==> flow/design.v <==
module rf_blk #(
    parameter NREGS = 4,
    parameter XLEN = 64,
    parameter ADDR_WIDTH = $clog2(NREGS)
) (
    input wire aclk,
    input wire nrst,
    input wire valid,
    input wire load_in,
    input wire [ADDR_WIDTH-1:0] write_addr_in,
    input wire [XLEN-1:0] wdata_in,
    input wire [ADDR_WIDTH-1:0] raddr0_in,
    input wire [ADDR_WIDTH-1:0] raddr1_in,
    output wire [XLEN-1:0] rdata0_out,
    output wire [XLEN-1:0] rdata1_out
);
    reg load_s;
    reg [ADDR_WIDTH-1:0] write_addr_s;
    reg [XLEN-1:0] wdata_s;
    always @(posedge aclk) begin
        if (~nrst) begin
            load_s <= 1'b0;
            write_addr_s <= 0;
            wdata_s <= 0;
        end else if (valid) begin
            load_s <= load_in;
            write_addr_s <= write_addr_in;
            wdata_s <= wdata_in;
        end
    end
    reg [XLEN-1:0] gpr [NREGS-1:0];
    integer k;
    always @(posedge aclk) begin
        if (~nrst) begin
            for (k = 0; k < NREGS; k = k + 1)
                gpr[k] <= 0;
        end else if (valid && load_s) begin
            gpr[write_addr_s] <= wdata_s;
        end
    end
    reg [ADDR_WIDTH-1:0] raddr0_s;
    reg [ADDR_WIDTH-1:0] raddr1_s;
    always @(posedge aclk) begin
        if (~nrst) begin
            raddr0_s <= 0;
            raddr1_s <= 0;
        end else if (valid) begin
            raddr0_s <= raddr0_in;
            raddr1_s <= raddr1_in;
        end
    end
    assign rdata0_out = gpr[raddr0_s];
    assign rdata1_out = gpr[raddr1_s];
endmodule
# ---- Reports on rf_blk
# What the tools print for rf_blk, step after step.
# Lines are those of the file above, counted from 1.
# Cell names lack the library's common part.
# Not given: --
dict set report inputs {
  top_module {rf_blk}
  clock_port {aclk}
  library {sky130hd}
  lib_corner {tt_025C_1v80}
}

# ---- After elaboration
# Source: Yosys, flattened and elaborated, memories not mapped. Widths are those after wreduce. Print and check cells do not count. Equal cells are merged and count once.
# Memory sizes are those after Yosys's memory passes, which may raise the word count (mostly to a power of two), join words into wider ones and drop unused or constant bits.
dict set report op_classes {
  logic 0
  n_eq 0
  n_shift 0
  addsub 0
  div 0
  n_reduce_logical 2
  n_mul 0
  cmp 0
  mux 14
}
# op n
set op_table {}
lappend op_table {{64-bit two-way mux} 3}
lappend op_table {{64-bit OR reduction} 1}
lappend op_table {{2-bit two-way mux} 7}
lappend op_table {{1-bit two-way mux} 4}
lappend op_table {{1-bit logical AND} 1}
dict set report bits {
  wordCells 22
  input_bits 74
  mem_bits_rw 256
  latch_bits 0
  memories 1
  rom_bits 0
  register_bits 71
}
# memory size width line
set memory_table {}
lappend memory_table {gpr 4 64 31} ;# reg [XLEN-1:0] gpr [NREGS-1:0];

# ---- Depth
# Longest topological path by Yosys (ltp), each cell counted once; first at word level (registers and memories cut), then after technology mapping (sequential cells cut; the memories' decode and read muxes count).
dict set report logic_depth {
  depth_word 5
  ABC_AREA 1
  ltp_mapped 6
}

# ---- Mapped cells and area
# Yosys stat after the flow's synthesis: flattened, memories mapped to cells. It holds for the ABC_AREA given above (unset counts as 0); a run with the other value may have another netlist.
# The area totals of this step are shown rounded.
# cell n area_total_um2
set by_type {}
lappend by_type {edfxtp_1 256 7.69E+03}
lappend by_type {nand2_1 644 2.42E+03}
lappend by_type {dfxtp_1 75 1501.44}
lappend by_type {nand3_1 256 1.28E+03}
lappend by_type {inv_1 326 1.22E+03}
lappend by_type {nor2_1 266 998.458}
lappend by_type {o21ai_0 72 360.346}
lappend by_type {a21oi_1 66 330.317}
lappend by_type {clkbuf_1 54 202.694}
lappend by_type {buf_6 15 168.912}
lappend by_type {buf_2 33 165.158}
lappend by_type {buf_1 27 101.347}
lappend by_type {nand3_2 3 30.029}
lappend by_type {buf_4 3 22.522}
lappend by_type {inv_2 3 11.261}
lappend by_type {nor2_4 1 11.261}
lappend by_type {nand2_2 1 6.256}
dict set report mapped {
  seq_area_um2 9189
  cell_count 2101
  yosys_area_um2 16520
  buf_cells 132
  flip_flops 331
}

# ---- Timing after synthesis
# Path of least setup slack by OpenSTA after synthesis, without wires, with an ideal clock, recovery checks aside; 20% of the period is set as input and as output delay. Where synthesis merged equal registers, the netlist keeps one of their names.
dict set report synth_timing {
  path_kind {input -> register}
  start {input port valid}
  end {memory gpr[3][0]}
  stages 2
  t_arrival_ps 6294
  t_required_ps 7996
  in_delay_ps 1714
  clock_period_ps 8570
  path_delay_ps 5154
  slack_ps 1702
  period_less_setup_slack_ps 6868
}
# "path_delay_ps" = arrival - input delay + setup time.
# "stages" counts driving pins, that of a launching flip-flop among them; a cell with two outputs on the path counts twice.
# "period_less_setup_slack_ps" is the clock period less the worst setup slack; recovery checks do not enter. This is arithmetic on one report: input and output delays are still those of the set period (20% each).
# The rows between start and end are the longest chain of elaborated cells between them; the timing report does not say that the signal goes this way. Where chains are equally long, one stands for them.
# A line is the first line of the expression or statement that the cell stems from. Yosys adds cells for indexed reads and writes and turns some case tables into memories.
# Only ways into the end's enable, where the timed path ends, are counted here.
dict set report synth_between {
  path_cell_list {nand2_2 > o21ai_0}
  elab_chain_len 5
  cone_cells 8
  cone_lines 2
}
# element line
set synth_rtl {}
lappend synth_rtl {{start, declared} 8} ;# input wire valid,
lappend synth_rtl {{1-bit logical AND} 37} ;# end else if (valid && load_s) begin
lappend synth_rtl {{1-bit two-way mux} 37}
lappend synth_rtl {{1-bit two-way mux} 34} ;# if (~nrst) begin
lappend synth_rtl {{64-bit OR reduction} --}
lappend synth_rtl {{2-bit two-way mux} --}
lappend synth_rtl {{end, declared} 31} ;# reg [XLEN-1:0] gpr [NREGS-1:0];

# ---- Timing after layout
# From the final timing report of stored run 1: the path of least setup slack in the routed layout; clock arrival at registers is part of the times.
# The report prints the path's times to 10 ps; the period is as set.
dict set report layout_timing {
  path_kind {register -> output}
  start {register (no name shown)}
  end {output port rdata1_out[20]}
  out_delay_ps 1460
  stages 7
  clock_period_ps 7300
  t_arrival_ps 3540
  slack_ps 2300
  t_required_ps 5840
}
dict set report layout_between {
  path_cell_list {dfxtp_4 > inv_4 > buf_4 > nand2_1 > nand3_1 > nand2_1 > clkdlybuf4s50_1}
}
# element line
set layout_rtl {}
lappend layout_rtl {{end, declared} 15} ;# output wire [XLEN-1:0] rdata1_out
# Chain of elaborated cells between the ends: none given.

Subject: flow runs of rf_blk

Hi,

Measured data: module rf_blk, platform sky130hd, 3 stored runs of the flow under differing settings, order arbitrary. Input and output delays are each 20% of the period that was set; the output load is 0.01 pF.
"period_less_ws_ps": clock period set for the run, less the worst setup slack. It is reckoned from that one timing run; input and output delays stay at 20% of the period that was set.
By "timing.worst_path_ps" is meant the share of the clock period that the worst setup path is allowed (20% is reserved at inputs, 20% at outputs), minus its slack. Clock arrival times at its registers enter into it.
"power_uw" rests on the timing tool's default activity at the inputs, not on a simulated workload.
"timing.worst_path_ps" is given in steps of 10 ps.
Results are given in rounded form.

[flow] stored run 1: files
==> flow/run.sh <==
#!/bin/bash
# the make line also repeats the synthesis and layout settings of config.mk as NAME=value (left out here)
make -C /OpenROAD-flow-scripts/flow DESIGN_CONFIG=/design/flow/config.mk WORK_HOME=/design/flow/orfs CLKGATE_MAP_FILE= finish
==> flow/config.mk <==
export PLATFORM = sky130hd
export DESIGN_NAME = rf_blk
export DESIGN_NICKNAME = rf_blk
export VERILOG_FILES = /design/flow/design.v
export SDC_FILE = /design/flow/constraint.sdc
export NUM_CORES = 4
export LEC_CHECK = 0
export ABC_AREA = 1
export CAP_MARGIN = 20
export CORE_MARGIN = 2
export CORE_UTILIZATION = 65
export CTS_CLUSTER_DIAMETER = 214
export CTS_CLUSTER_SIZE = 85
export GPL_ROUTABILITY_DRIVEN = 0
export PLACE_DENSITY_LB_ADDON = 0.19
export SLEW_MARGIN = 25
export TNS_END_PERCENT = 40
==> flow/constraint.sdc <==
create_clock -name core_clock -period 7.3 [get_ports {aclk}]
set_input_delay 1.4600 -clock core_clock [delete_from_list [all_inputs] [get_ports {aclk}]]
set_output_delay 1.4600 -clock core_clock [all_outputs]
set_load 0.01 [all_outputs]

[flow] stored run 1: metrics
[metrics] synthesis_area_um2 = 16520
[metrics] finalUtil_pct = 74.4
[metrics] setup_worst_slack_ps = 2303
[metrics] cell_area_final_um2 = 18640
[metrics] die_footprint_um2 = 26710
[metrics] timing.worst_path_ps = 3540
[metrics] worst_setup_path_type = register -> output
[metrics] period_less_ws_ps = 4997
[metrics] hold_ws_ps = 554
[metrics] power_uw = 3563
[metrics] fin_tns_ps = 0

[flow] stored run 2: files
==> flow/run.sh <==
#!/bin/bash
# the make line also repeats the synthesis and layout settings of config.mk as NAME=value (left out here)
make -C /OpenROAD-flow-scripts/flow DESIGN_CONFIG=/design/flow/config.mk WORK_HOME=/design/flow/orfs CLKGATE_MAP_FILE= finish
==> flow/config.mk <==
export PLATFORM = sky130hd
export DESIGN_NAME = rf_blk
export DESIGN_NICKNAME = rf_blk
export VERILOG_FILES = /design/flow/design.v
export SDC_FILE = /design/flow/constraint.sdc
export NUM_CORES = 4
export LEC_CHECK = 0
export CAP_MARGIN = 20
export CELL_PAD_IN_SITES_GLOBAL_PLACEMENT = 2
export CORE_ASPECT_RATIO = 1.42
export CORE_MARGIN = 2
export CORE_UTILIZATION = 28
export GPL_ROUTABILITY_DRIVEN = 0
export PLACE_DENSITY_LB_ADDON = 0.0
export SLEW_MARGIN = 30
==> flow/constraint.sdc <==
create_clock -name core_clock -period 6.11 [get_ports {aclk}]
set_input_delay 1.2220 -clock core_clock [delete_from_list [all_inputs] [get_ports {aclk}]]
set_output_delay 1.2220 -clock core_clock [all_outputs]
set_load 0.01 [all_outputs]

[flow] stored run 2: metrics
[metrics] synthesis_area_um2 = 15520
[metrics] finalUtil_pct = 35.3
[metrics] setup_worst_slack_ps = 1959
[metrics] cell_area_final_um2 = 19290
[metrics] die_footprint_um2 = 57350
[metrics] timing.worst_path_ps = 2930
[metrics] worst_setup_path_type = register -> output
[metrics] period_less_ws_ps = 4151
[metrics] hold_ws_ps = 515
[metrics] power_uw = 5500
[metrics] fin_tns_ps = 0

[flow] stored run 3: files
==> flow/run.sh <==
#!/bin/bash
# the make line also repeats the synthesis and layout settings of config.mk as NAME=value (left out here)
make -C /OpenROAD-flow-scripts/flow DESIGN_CONFIG=/design/flow/config.mk WORK_HOME=/design/flow/orfs CLKGATE_MAP_FILE= finish
==> flow/config.mk <==
export PLATFORM = sky130hd
export DESIGN_NAME = rf_blk
export DESIGN_NICKNAME = rf_blk
export VERILOG_FILES = /design/flow/design.v
export SDC_FILE = /design/flow/constraint.sdc
export NUM_CORES = 4
export LEC_CHECK = 0
export CAP_MARGIN = 20
export CORE_MARGIN = 2
export CORE_UTILIZATION = 40
export SLEW_MARGIN = 20
==> flow/constraint.sdc <==
create_clock -name core_clock -period 8.57 [get_ports {aclk}]
set_input_delay 1.7140 -clock core_clock [delete_from_list [all_inputs] [get_ports {aclk}]]
set_output_delay 1.7140 -clock core_clock [all_outputs]
set_load 0.01 [all_outputs]

[flow] stored run 3: metrics
[metrics] synthesis_area_um2 = 15520
[metrics] finalUtil_pct = 49.4
[metrics] setup_worst_slack_ps = 3579
[metrics] cell_area_final_um2 = 19020
[metrics] die_footprint_um2 = 40390
[metrics] timing.worst_path_ps = 3280
[metrics] worst_setup_path_type = register -> output
[metrics] period_less_ws_ps = 4991
[metrics] hold_ws_ps = 513
[metrics] power_uw = 3992
[metrics] fin_tns_ps = 0

Regards
